==> flow/design.v <==
module ex_as_core_stage #(
    parameter integer DATA_WIDTH = 6
) (
    input  logic aclk,
    input  logic rst_n,
    input  logic [DATA_WIDTH-1:0] da_i,
    input  logic [DATA_WIDTH-1:0] db_i,
    input  logic subtract_i,
    output logic [DATA_WIDTH-1:0] result_o,
    output logic carry_out_o
);
    logic [DATA_WIDTH-1:0] r_da;
    always_ff @(posedge aclk) begin
        if (!rst_n) begin
            r_da <= 0;
        end else begin
            r_da <= da_i;
        end
    end
    logic [DATA_WIDTH-1:0] r_db;
    always_ff @(posedge aclk) begin
        if (!rst_n) begin
            r_db <= 0;
        end else begin
            r_db <= db_i;
        end
    end
    logic r_subtract;
    always_ff @(posedge aclk) begin
        if (!rst_n) begin
            r_subtract <= 1'b0;
        end else begin
            r_subtract <= subtract_i;
        end
    end
    logic [DATA_WIDTH-1:0] aux;
    assign aux = r_db ^ {DATA_WIDTH{r_subtract}};
    logic [DATA_WIDTH:0] val;
    assign val = r_da + aux + r_subtract;
    assign result_o = val[DATA_WIDTH-1:0];
    assign carry_out_o = val[DATA_WIDTH];
endmodule
**From RTL to reports: ex_as_core_stage**

The steps from the RTL of ex_as_core_stage to its reports follow in flow order.
Lines are those of the file above, counted from 1.
Operators: Yosys type, input widths -> output width; for muxes data width and select width s.
Library cell names are shortened.
A cell with -- has no value.

- Top module: ex_as_core_stage
- Clock input: aclk
- Standard-cell library: sky130hd
- Library corner: tt_025C_1v80

**Word-level counts**

Counts by Yosys on the flattened word-level netlist (proc, flatten, opt, wreduce; memories kept). Register bits leave out memories and registers merged into their read ports (data or address); mux counts leave out enables and synchronous resets folded into registers. Print and check cells are left out. Cells with the same type and inputs are merged into one.

- Register bits after elaboration: 13
- Latch bits: 0
- Memory bits (writable): 0
- Memory bits (read-only): 0
- Word width x clocked read ports: 0
- Memory cells: 0
- Bits of input ports: 15
- Output and inout port bits: 7
- Elaborated cells: 6

- Add/subtract/negate cells: 2
- $mul: 0
- Div/mod/pow operators: 0
- Order comparisons: 0
- Equality and inequality tests: 0
- Shift-type cells: 0
- Muxes and demuxes: 0
- Bitwise operators: 1
- Reductions and logical operators: 0

Operators with widths:

| operator | count |
|---|---|
| $add 6x6->7 | 1 |
| $add 7x1->7 | 1 |
| $xor 6x6->6 | 1 |

**Depth**

Depth = most cells in a row (Yosys ltp): at word level without a register or memory, in the mapped netlist without a sequential cell, where the memories' decode and read muxes count.

- Depth in word-level cells: 3
- ABC_AREA: 0
- Gate-level depth with buffers: 7
- Mapped depth without buffers: 6

**After synthesis**

Yosys stat after the flow's synthesis: flattened, memories mapped to cells. It holds for the ABC_AREA given above (unset counts as 0); a run with the other value may have another netlist.

- Cells in the netlist: 65
- Cell area after synthesis: 664.4 um^2
- Sequential part of the area: 260.2 um^2
- Flip-flops: 13
- Buffer cells: 2

Cells by type:

| cell | count | area in all (um^2) |
|---|---|---|
| dfxtp_1 | 13 | 260.25 |
| and2_1 | 14 | 87.584 |
| ha_1 | 6 | 75.072 |
| xor2_1 | 8 | 70.067 |
| fa_1 | 1 | 20.019 |
| a21o_1 | 2 | 15.014 |
| a21oi_1 | 3 | 15.014 |
| mux2i_2 | 1 | 13.763 |
| a211oi_2 | 1 | 12.512 |
| buf_6 | 1 | 11.261 |
| o22a_1 | 1 | 8.758 |
| xnor2_1 | 1 | 8.758 |
| a211oi_1 | 1 | 7.507 |
| inv_1 | 2 | 7.507 |
| nand2_1 | 2 | 7.507 |
| o21bai_1 | 1 | 7.507 |
| nand4_1 | 1 | 6.256 |
| o22ai_1 | 1 | 6.256 |

Other cell types: 5; their cells: 5.

**Path before layout**

Source: OpenSTA report_checks on the synthesized netlist (no wires, ideal clock, input and output delay 20% of the period each), path of least setup slack; recovery checks are left aside. Register names are those of the netlist, which keeps one name where synthesis merged equal registers.

- Path kind: register -> output
- Start: register r_db[0]
- End: output port result_o[4]
- Period: 2.51 ns
- Output delay: 0.502 ns
- Time at the first pin: 0.000 ns
- Arrival: 1.606 ns
- Required time: 2.008 ns
- Path slack: 0.402 ns
- Path delay: 1.606 ns
- Stages on the path: 7
- Path buffers: 0
- Period reached after synthesis: 2.108 ns

"path delay" = arrival - input delay + setup time.
At an output port there is no setup time.
"stages on the path": output pins that drive a net of the path, with the launching flip-flop's if there is one; two outputs of one cell count as two.
"period reached after synthesis" = period - worst setup slack (recovery checks aside). The figure is calculated, with input and output delays left at 20% of the set period.
The rows between start and end are the longest chain of elaborated cells between them; the timing report does not say that the signal goes this way. Where chains are equally long, one stands for them.
A line is the first line of the expression or statement that the cell stems from. Yosys adds cells for indexed reads and writes and turns some case tables into memories.

- Path through: dfxtp_1 > mux2i_2 > inv_1 > fa_1 > a21o_1 > a21oi_1 > xnor2_1
- Cells in the longest elaborated chain: 3
- Elaborated cells on any way between the ends: 3
- Source lines of those cells: 2
- Classes of those cells: 2 x add/sub; 1 x logic

Ends and longest elaborated chain, after synthesis:

| element | RTL line | RTL |
|---|---|---|
| start, declared | 20 | `logic [DATA_WIDTH-1:0] r_db;` |
| start, assigned | 23 | `r_db <= 0;` |
| start, assigned | 25 | `r_db <= db_i;` |
| $xor 6x6->6 | 37 | `assign aux = r_db ^ {DATA_WIDTH{r_subtract}};` |
| $add 6x6->7 | 39 | `assign val = r_da + aux + r_subtract;` |
| $add 7x1->7 | 39 |  |
| end, declared | 9 | `output logic [DATA_WIDTH-1:0] result_o,` |

**Worst path after layout**

From the final timing report of stored run 1: the path of least setup slack in the routed layout; clock arrival at registers is part of the times.

- Path kind: register -> output
- Start: register r_subtract
- End: output port result_o[5]
- Period: 2.51 ns
- Output delay: 0.50 ns
- Time at the first pin: 0.27 ns
- Arrival: 1.95 ns
- Required time: 2.01 ns
- Path slack: 0.06 ns
- Stages on the path: 9
- Path buffers: 3

The rows between start and end are the longest chain of elaborated cells between them; the timing report does not say that the signal goes this way. Where chains are equally long, one stands for them.

- Path through: dfxtp_4 > xor2_2 > ha_4 > buf_6 > a21oi_2 > buf_4 > o22a_1 > a211oi_2 > buf_2
- Cells in the longest elaborated chain: 3
- Elaborated cells on any way between the ends: 3
- Source lines of those cells: 2
- Classes of those cells: 2 x add/sub; 1 x logic

Ends and longest elaborated chain, after layout:

| element | RTL line | RTL |
|---|---|---|
| start, declared | 28 | `logic r_subtract;` |
| start, assigned | 31 | `r_subtract <= 1'b0;` |
| start, assigned | 33 | `r_subtract <= subtract_i;` |
| $xor 6x6->6 | 37 | `assign aux = r_db ^ {DATA_WIDTH{r_subtract}};` |
| $add 6x6->7 | 39 | `assign val = r_da + aux + r_subtract;` |
| $add 7x1->7 | 39 |  |
| end, declared | 9 | `output logic [DATA_WIDTH-1:0] result_o,` |

Subject: flow runs of ex_as_core_stage

Hi,

Stored flow runs of ex_as_core_stage (3 of them; Yosys, OpenROAD, sky130hd). They differ in their settings and are not a sequence. Constraints: input delay and output delay 20% of the set period each, output load 0.01 pF.
"achieved period" is the run's clock period less its worst setup slack. It is reckoned from that one timing run; input and output delays stay at 20% of the period that was set.
By "critical path time" is meant the share of the clock period that the worst setup path is allowed (20% is reserved at inputs, 20% at outputs), minus its slack. Clock arrival times at its registers enter into it.
By "overall power" is meant OpenSTA's value without simulated activity: inputs other than the clock are taken to toggle once in ten clock periods, and the tool carries that through the logic.
Settings: -- = not set for that run.

| item | stored run 1 | stored run 2 | stored run 3 |
|---|---|---|---|
| period_ns | 2.51 | 2.68 | 2.49 |
| CAP_MARGIN | 20 | 20 | 35 |
| CORE_MARGIN | 2 | 2 | 2 |
| CORE_UTILIZATION | 40 | 29 | 24 |
| SLEW_MARGIN | 20 | 20 | 25 |
| SETUP_SLACK_MARGIN | -- | 0.25 | -0.24 |
| PLACE_DENSITY | -- | 0.65 | -- |
| HOLD_SLACK_MARGIN | -- | 0.22 | -- |
| CELL_PAD_IN_SITES_GLOBAL_PLACEMENT | -- | 3 | -- |
| ABC_AREA | -- | 1 | 1 |
| GPL_TIMING_DRIVEN | -- | 1 | -- |
| CTS_CLUSTER_SIZE | -- | 87 | -- |
| CTS_CLUSTER_DIAMETER | -- | 229 | -- |
| MIN_ROUTING_LAYER | -- | met1 | met2 |
| PLACE_DENSITY_LB_ADDON | -- | -- | 0.12 |
| synthesis area (um^2) | 664.4 | 686.9 | 686.9 |
| area inside the die boundary (um^2) | 2,003.0 | 2,774.1 | 3,306.2 |
| standard-cell area after routing (um^2) | 1,074.8 | 1,028.5 | 994.7 |
| utilization | 0.705 | 0.461 | 0.364 |
| lowest setup slack (ns) | 0.057 | 0.354 | -0.053 |
| post-route setup TNS (ns) | 0.000 | 0.000 | -0.140 |
| final worst hold slack (ns) | 0.781 | 0.795 | 0.754 |
| overall power (mW) | 0.5561 | 0.4760 | 0.5151 |
| achieved period (ns) | 2.453 | 2.326 | 2.543 |
| critical path time (ns) | 1.95 | 1.79 | 2.05 |
| class of the worst setup path | register -> output | register -> output | register -> output |

Regards
